==> flow/design.v <==
module alu_selector_v2_m2 #(parameter N = 1) (
    input wire [N-1:0] a,
    input wire [N-1:0] b,
    input wire s,
    output wire [N-1:0] y
);
    assign y = (a & {N{~s}}) | (b & {N{s}});
endmodule
module alu_selector_v2 #(
    parameter integer XLEN = 3,
    parameter integer LANES = 4,
    parameter integer SBITS = $clog2(LANES)
) (
    input  i_clk,
    input  rst_ni,
    input  [LANES*XLEN-1:0] src,
    input  [SBITS-1:0] s,
    output reg [XLEN-1:0] res
);
    reg [LANES*XLEN-1:0] src_reg;
    reg [SBITS-1:0] s_reg;
    wire [XLEN-1:0] nd [1:2*LANES-1];
    genvar k;
    generate
        for (k = 0; k < LANES; k = k + 1) begin : u_g
            assign nd[LANES+k] = src_reg[k*XLEN +: XLEN];
        end
        for (k = 1; k < LANES; k = k + 1) begin : g_bit
            alu_selector_v2_m2 #(.N(XLEN)) unit (.a(nd[2*k]), .b(nd[2*k+1]), .s(s_reg[SBITS - $clog2(k+1)]), .y(nd[k]));
        end
    endgenerate
    always @(posedge i_clk or negedge rst_ni) begin
        if (!rst_ni) begin
            src_reg <= 0;
            s_reg <= 0;
            res <= 0;
        end else begin
            src_reg <= src;
            s_reg <= s;
            res <= nd[1];
        end
    end
endmodule
# Tool chain data of alu_selector_v2
# Module alu_selector_v2 in several versions that differ in "XLEN"; each step lists the members.
# The RTL above is that of XLEN = 3; lines are counted from 1 in the file of the member named.
# Operators: Yosys type, input widths -> output width; for muxes data width and select width s.
# Cell names lack the library's common part.
# A cell with - has no value.
dict set report setup {
  design {alu_selector_v2}
  clk_port {i_clk}
  cell_library {sky130hd}
  pvt_corner {tt_025C_1v80}
}

# Members of the sweep
# Lines of each other member's file that are new or changed against the file above; lines that a member lacks are not shown.
# XLEN line
set src_changes {}
lappend src_changes {4 10} ;# parameter integer XLEN = 4,
lappend src_changes {6 10} ;# parameter integer XLEN = 6,
lappend src_changes {8 10} ;# parameter integer XLEN = 8,
lappend src_changes {20 10} ;# parameter integer XLEN = 20,
lappend src_changes {24 10} ;# parameter integer XLEN = 24,

# After elaboration
# Counts by Yosys on the flattened word-level netlist (proc, flatten, opt, wreduce). Print and check cells are left out. Cells with the same type and inputs are merged into one.
# XLEN inputBits register_bits
set bits {}
lappend bits {3 16 17}
lappend bits {4 20 22}
lappend bits {6 28 32}
lappend bits {8 36 42}
lappend bits {20 84 102}
lappend bits {24 100 122}
# XLEN bitwise
set op_classes {}
lappend op_classes {3 11}
lappend op_classes {4 11}
lappend op_classes {6 11}
lappend op_classes {8 11}
lappend op_classes {20 11}
lappend op_classes {24 11}
# XLEN operators
set op_table {}
lappend op_table {3 {$and 3x3->3 (6); $or 3x3->3 (3); $not 1->1 (2)}}
lappend op_table {4 {$and 4x4->4 (6); $or 4x4->4 (3); $not 1->1 (2)}}
lappend op_table {6 {$and 6x6->6 (6); $or 6x6->6 (3); $not 1->1 (2)}}
lappend op_table {8 {$and 8x8->8 (6); $or 8x8->8 (3); $not 1->1 (2)}}
lappend op_table {20 {$and 20x20->20 (6); $or 20x20->20 (3); $not 1->1 (2)}}
lappend op_table {24 {$and 24x24->24 (6); $or 24x24->24 (3); $not 1->1 (2)}}

# Depth
# Depth = most cells in a row (Yosys ltp): at word level without a register or memory, in the mapped netlist without a sequential cell, where the memories' decode and read muxes count.
# XLEN depth_word abc_area depth_mapped
set logic_depth {}
lappend logic_depth {3 5 0 1}
lappend logic_depth {4 5 0 1}
lappend logic_depth {6 5 0 2}
lappend logic_depth {8 5 0 2}
lappend logic_depth {20 5 0 2}
lappend logic_depth {24 5 0 3}

# Mapped cells and area
# The flow's flattened synthesis, as Yosys stat reports it; memories are mapped. The netlist is that of the ABC_AREA named above (0 if unset); the other value can give another one.
# XLEN flip_flops cell_count area_um2 sequential_area_um2
set mapped {}
lappend mapped {3 17 20 504.2 425.4}
lappend mapped {4 22 26 655.6 550.5}
lappend mapped {6 32 39 947.2 800.8}
lappend mapped {8 42 52 1247.4 1051.0}
lappend mapped {20 102 126 3035.4 2552.4}
lappend mapped {24 122 152 3673.5 3052.9}
# XLEN cell_types
set by_type {}
lappend by_type {3 {dfrtp_1 (17); mux4_1 (3)}}
lappend by_type {4 {dfrtp_1 (22); mux4_1 (4)}}
lappend by_type {6 {dfrtp_1 (32); mux4_2 (6); buf_6 (1)}}
lappend by_type {8 {dfrtp_1 (42); mux4_2 (8); buf_6 (1); clkbuf_2 (1)}}
lappend by_type {20 {dfrtp_1 (102); mux4_2 (20); buf_6 (2); buf_2 (2)}}
lappend by_type {24 {dfrtp_1 (122); mux4_2 (20); mux4_1 (4); buf_12 (2); buf_6 (1); buf_2 (2); clkbuf_1 (1)}}
# By module: a second synthesis without flattening, with its own total; a netlist apart from the flattened one above.
# XLEN cells_unflattened hier_area_um2
set hier_totals {}
lappend hier_totals {3 26 526.8}
lappend hier_totals {4 34 685.7}
lappend hier_totals {6 53 1104.8}
lappend hier_totals {8 69 1445.1}
lappend hier_totals {20 168 3520.9}
lappend hier_totals {24 203 4242.8}

# Worst setup path after synthesis
# Path of least setup slack by OpenSTA after synthesis, without wires, with an ideal clock, recovery checks aside; 20% of the period is set as input and as output delay. Where synthesis merged equal registers, the netlist keeps one of their names.
# XLEN path_kind start end delay_ns stages setup_slack_ns period_ns synth_period_reached_ns
set synth_path {}
lappend synth_path {3 {register -> register} {reg s_reg[0]} {reg res[0]} 1.045 2 0.265 1.31 1.045}
lappend synth_path {4 {register -> register} {reg s_reg[0]} {reg res[0]} 1.076 2 0.274 1.35 1.076}
lappend synth_path {6 {register -> register} {reg s_reg[0]} {reg res[0]} 1.064 3 0.266 1.33 1.064}
lappend synth_path {8 {register -> register} {reg s_reg[0]} {reg res[0]} 1.087 3 0.273 1.36 1.087}
lappend synth_path {20 {register -> register} {reg s_reg[0]} {reg res[0]} 1.154 3 0.286 1.44 1.154}
lappend synth_path {24 {register -> register} {reg s_reg[0]} {reg res[10]} 1.208 4 0.302 1.51 1.208}
# "delay_ns" = arrival - input delay + setup time.
# "stages": output pins that drive a net of the path, with the launching flip-flop's if there is one; two outputs of one cell count as two.
# "synth_period_reached_ns" is the clock period less the worst setup slack; recovery checks do not enter. This is arithmetic on one report: input and output delays are still those of the set period (20% each).
# Between the ends stands the longest chain of elaborated cells between them, by number of cells; it is not shown to be the way that was timed. Of several equally long chains one is given.
# A line is the first line of the expression or statement that the cell stems from. Yosys adds cells for indexed reads and writes and turns some case tables into memories.
dict set report synth_between_XLEN_3 {
  elab_chain_len 5
}
# item line
set synth_rtl_XLEN_3 {}
lappend synth_rtl_XLEN_3 {{from (decl)} 21} ;# reg [SBITS-1:0] s_reg;
lappend synth_rtl_XLEN_3 {{from (assign)} 35} ;# s_reg <= 0;
lappend synth_rtl_XLEN_3 {{from (assign)} 39} ;# s_reg <= s;
lappend synth_rtl_XLEN_3 {{$not 1->1} 7} ;# assign y = (a & {N{~s}}) | (b & {N{s}});
lappend synth_rtl_XLEN_3 {{$and 3x3->3} 7}
lappend synth_rtl_XLEN_3 {{$or 3x3->3} 7}
lappend synth_rtl_XLEN_3 {{$and 3x3->3} 7}
lappend synth_rtl_XLEN_3 {{$or 3x3->3} 7}
lappend synth_rtl_XLEN_3 {{to (assign)} 36} ;# res <= 0;
lappend synth_rtl_XLEN_3 {{to (assign)} 40} ;# res <= nd[1];
lappend synth_rtl_XLEN_3 {{to (decl)} 18} ;# output reg [XLEN-1:0] res
dict set report synth_between_XLEN_24 {
  elab_chain_len 5
}
# item line
set synth_rtl_XLEN_24 {}
lappend synth_rtl_XLEN_24 {{from (decl)} 21} ;# reg [SBITS-1:0] s_reg;
lappend synth_rtl_XLEN_24 {{from (assign)} 35} ;# s_reg <= 0;
lappend synth_rtl_XLEN_24 {{from (assign)} 39} ;# s_reg <= s;
lappend synth_rtl_XLEN_24 {{$not 1->1} 7} ;# assign y = (a & {N{~s}}) | (b & {N{s}});
lappend synth_rtl_XLEN_24 {{$and 24x24->24} 7}
lappend synth_rtl_XLEN_24 {{$or 24x24->24} 7}
lappend synth_rtl_XLEN_24 {{$and 24x24->24} 7}
lappend synth_rtl_XLEN_24 {{$or 24x24->24} 7}
lappend synth_rtl_XLEN_24 {{to (assign)} 36} ;# res <= 0;
lappend synth_rtl_XLEN_24 {{to (assign)} 40} ;# res <= nd[1];
lappend synth_rtl_XLEN_24 {{to (decl)} 18} ;# output reg [XLEN-1:0] res

# Path in the finished layout
# Path of least setup slack in the final report of the run of each member (OpenROAD, finished layout, wires in). Where an end is a register, its clock arrival counts in the times.
# XLEN path_kind start end period_ns stages t_arrival_ns setup_slack_ns
set layout_path {}
lappend layout_path {3 {register -> output} {reg res[0]} {out res[0]} 1.31 2 0.92 0.13}
lappend layout_path {4 {register -> output} {reg res[1]} {out res[1]} 1.35 2 0.95 0.13}
lappend layout_path {6 {register -> output} {reg res[5]} {out res[5]} 1.33 2 0.98 0.09}
lappend layout_path {8 {register -> output} {reg res[5]} {out res[5]} 1.36 2 0.99 0.10}
lappend layout_path {20 {register -> output} {reg res[5]} {out res[5]} 1.44 2 1.00 0.15}
lappend layout_path {24 {register -> output} {reg res[13]} {out res[13]} 1.51 2 1.17 0.04}

# Flow runs
# One run of the flow (Yosys, OpenROAD) for each member, with settings and measured results. Input and output delays are each 20% of the period that was set; the output load is 0.01 pF.
dict set report flow_settings {
  CAP_MARGIN 20
  CORE_MARGIN 2
  CORE_UTILIZATION 40
  SLEW_MARGIN 20
}
# XLEN period_ns
set settings_diff {}
lappend settings_diff {3 1.31}
lappend settings_diff {4 1.35}
lappend settings_diff {6 1.33}
lappend settings_diff {8 1.36}
lappend settings_diff {20 1.44}
lappend settings_diff {24 1.51}
# XLEN post_synth_area_um2 stdcell_area_um2 final_setup_tns_ns power_w finish.utilization_frac achievedPeriod_ns setup_ws_ns dieArea_um2
set measured {}
lappend measured {3 504.2 732.0 0.000 0.0009062 0.641 1.178 0.132 1560.7}
lappend measured {4 655.6 930.9 0.000 0.001091 0.611 1.224 0.126 1978.9}
lappend measured {6 947.2 1405.1 0.000 0.001924 0.629 1.242 0.088 2773.1}
lappend measured {8 1247.4 1810.5 0.000 0.002306 0.603 1.264 0.096 3581.4}
lappend measured {20 3035.4 4439.3 0.000 0.005458 0.609 1.291 0.149 8301.0}
lappend measured {24 3673.5 5662.9 0.000 0.008104 0.643 1.469 0.041 9966.0}
# "achievedPeriod_ns" = clock period - worst setup slack. The figure is calculated, with input and output delays left at 20% of the set period.
# "power_w": no workload was simulated; the value follows from the tool's default switching activity.
